==> flow/design.v <==
module alu_selector (clk, i_rst_n, data_i, choose_i, z_o_o);
    parameter XLEN = 4;
    parameter NIN = 8;
    input clk;
    input i_rst_n;
    input [NIN*XLEN-1:0] data_i;
    input [NIN-1:0] choose_i;
    output reg [XLEN-1:0] z_o_o;
    reg [NIN*XLEN-1:0] data_ff;
    reg [NIN-1:0] choose_ff;
    reg [XLEN-1:0] val;
    integer t;
    always @* begin
        val = 0;
        for (t = NIN-1; t >= 0; t = t - 1)
            if (choose_ff[t]) val = data_ff[t*XLEN +: XLEN];
    end
    always @(posedge clk or negedge i_rst_n) begin
        if (~i_rst_n) begin
            data_ff <= 0;
            choose_ff <= 0;
            z_o_o <= 0;
        end else begin
            data_ff <= data_i;
            choose_ff <= choose_i;
            z_o_o <= val;
        end
    end
endmodule
### From RTL to reports: alu_selector

Tool output for the design above, in the order of the flow.
Line numbers count from 1 in the design file above.
Operators: Yosys type, input widths -> output width; for muxes data width and select width s.
Library cell names are shortened.
The mark - stands for no value.

| set-up | value |
|---|---|
| top | alu_selector |
| clock port | clk |
| library | sky130hd |
| library corner | tt_025C_1v80 |

### Elaborated design

Counts by Yosys on the flattened word-level netlist (proc, flatten, opt, wreduce; memories kept). Register bits leave out memories and registers merged into their read ports (data or address); mux counts leave out enables and synchronous resets folded into registers. Print and check cells are left out. Cells with the same type and inputs are merged into one.

| storage and ports | value |
|---|---|
| flip-flop bits (word level) | 44 |
| bits in latches | 0 |
| bits in writable memories | 0 |
| ROM bits | 0 |
| clocked read ports x word width | 0 |
| memory cells | 0 |
| input bits | 42 |
| output and inout port bits | 4 |
| elaborated cells | 11 |

| operators by class | value |
|---|---|
| add/sub/neg operators | 0 |
| multipliers | 0 |
| div/mod/pow operators | 0 |
| $lt $le $gt $ge | 0 |
| equal/unequal tests | 0 |
| shift-type cells | 0 |
| mux-type cells | 8 |
| bitwise gates (word level) | 0 |
| reduce/logical cells | 0 |

Operators by type and width:

| kind | count |
|---|---|
| $mux 4 | 8 |

### Longest topological paths

Longest topological path by Yosys (ltp), each cell counted once; first at word level (registers and memories cut), then after technology mapping (sequential cells cut; the memories' decode and read muxes count).

| logic depth | value |
|---|---|
| depth after elaboration | 8 |
| ABC_AREA | 0 |
| gate-level depth with buffers | 5 |
| gate-level depth less buffers | 4 |

### Netlist

Yosys stat after the flow's synthesis: flattened, memories mapped to cells. It holds for the ABC_AREA given above (unset counts as 0); a run with the other value may have another netlist.

| synthesis totals | value |
|---|---|
| cells in the netlist | 90 |
| synthesis area | 1,387.6 um^2 |
| area of sequential cells | 1,101.1 um^2 |
| flip-flop cells | 44 |

Cells by type:

| type | count |
|---|---|
| dfrtp_1 | 44 |
| a21oi_1 | 10 |
| a221o_1 | 4 |
| o2111ai_1 | 4 |
| nand3b_1 | 4 |
| a31oi_1 | 4 |
| nand2b_1 | 4 |
| nand2_1 | 5 |
| o22ai_1 | 3 |
| buf_6 | 1 |
| inv_1 | 3 |
| nor2b_2 | 1 |
| nor2_1 | 2 |
| buf_2 | 1 |

### Timing after synthesis

OpenSTA on the mapped netlist: ideal clock, no wires. The path of least setup slack (recovery checks aside). Input and output delay are each 20% of the period. Register names are those of the netlist, which keeps one name where synthesis merged equal registers.

| timing path after synthesis | value |
|---|---|
| kind | reg-to-reg |
| start point | register (no name shown) |
| end point | register z_o_o[0] |
| clock period | 1.33 ns |
| launch time at the first pin | 0.000 ns |
| data arrival time | 0.929 ns |
| required time | 1.195 ns |
| path slack | 0.267 ns |
| delay of the path | 1.064 ns |
| driving pins on the path | 5 |
| buffers on the path | 0 |
| period reached after synthesis | 1.063 ns |

"delay of the path" = arrival - input delay + setup time.
"driving pins on the path": output pins that drive a net of the path, with the launching flip-flop's if there is one; two outputs of one cell count as two.
"period reached after synthesis" is the clock period less the worst setup slack; recovery checks do not enter. This is arithmetic on one report: input and output delays are still those of the set period (20% each).
The rows between start and end are the longest chain of elaborated cells between them; the timing report does not say that the signal goes this way. Where chains are equally long, one stands for them.
A line is the first line of the expression or statement that the cell stems from. Yosys adds cells for indexed reads and writes and turns some case tables into memories.

| on the way, after synthesis | value |
|---|---|
| path through | dfrtp_1 -> nor2b_2 -> a221o_1 -> o2111ai_1 -> a31oi_1 |
| cells in the longest elaborated chain | 8 |

RTL lines, path after synthesis:

| element | line | RTL |
|---|---|---|
| start: declaration | 10 |  |
| start: assignment | 21 |  |
| start: assignment | 25 |  |
| $mux 4 (8 in a row) | 16 |  |
| end: assignment | 22 | `z_o_o <= 0;` |
| end: assignment | 26 | `z_o_o <= val;` |
| end: declaration | 8 | `output reg [XLEN-1:0] z_o_o;` |

### Path in the finished layout

Path of least setup slack in the final report of run 1 (OpenROAD, finished layout, wires in). Where an end is a register, its clock arrival counts in the times.

| timing path post-layout | value |
|---|---|
| kind | reg-to-output |
| start point | register z_o_o[2] |
| end point | output port z_o_o[2] |
| clock period | 1.33 ns |
| launch time at the first pin | 0.34 ns |
| data arrival time | 1.01 ns |
| required time | 1.06 ns |
| path slack | 0.06 ns |
| driving pins on the path | 2 |
| buffers on the path | 1 |

| on the way, post-layout | value |
|---|---|
| path through | dfrtp_1 -> dlygate4sd2_1 |
| cells in the longest elaborated chain | 0 |

RTL lines, path post-layout:

| element | line | RTL |
|---|---|---|
| start: declaration | 8 | `output reg [XLEN-1:0] z_o_o;` |
| start: assignment | 22 | `z_o_o <= 0;` |
| start: assignment | 26 | `z_o_o <= val;` |
| end: declaration | 8 |  |

==> results <==
alu_selector through Yosys and OpenROAD on sky130hd: 3 stored runs, unordered, with their settings and measured results. The constraints put input and output delay at 20% of the set period each and load the outputs with 0.01 pF.
"period reached" = clock period - worst setup slack. The figure is calculated, with input and output delays left at 20% of the set period.
"power consumption" is the tool's figure for a default switching activity; nothing was simulated.
Settings: - = not set for that run.
Results: - = not shown.

| run | period_ns | CAP_MARGIN | CORE_MARGIN | CORE_UTILIZATION | SLEW_MARGIN | SETUP_SLACK_MARGIN | PLACE_DENSITY_LB_ADDON | CTS_CLUSTER_SIZE | CTS_CLUSTER_DIAMETER | MIN_ROUTING_LAYER | PLACE_DENSITY | CORE_ASPECT_RATIO | CELL_PAD_IN_SITES_GLOBAL_PLACEMENT | CELL_PAD_IN_SITES_DETAIL_PLACEMENT | ABC_AREA | GPL_TIMING_DRIVEN | post-synthesis cell area (um^2) | worst setup slack after layout (ns) | final design utilization (%) | die footprint (um^2) | power consumption (mW) | period reached (ns) |
|---|---|---|---|---|---|---|---|---|---|---|---|---|---|---|---|---|---|---|---|---|---|---|
| run 1 | 1.33 | 20 | 2 | 40 | 20 | - | - | - | - | - | - | - | - | - | - | - | 1,387.6 | 0.055 | 60.2 | 3,955.8 | 2.651 | 1.275 |
| run 2 | 1.46 | 20 | 2 | 63 | 20 | 0.23 | 0.19 | 30 | 372 | met1 | - | - | - | - | - | - | - | - | - | - | - | - |
| run 3 | 1.49 | 20 | 5 | 59 | 20 | -0.08 | - | - | 338 | met2 | 0.78 | 1.95 | 2 | 2 | 0 | 0 | - | - | - | - | - | - |

Run 2: no results, clock tree synthesis failed with DPL-0033
Run 3: no results, placement failed with GPL-0301
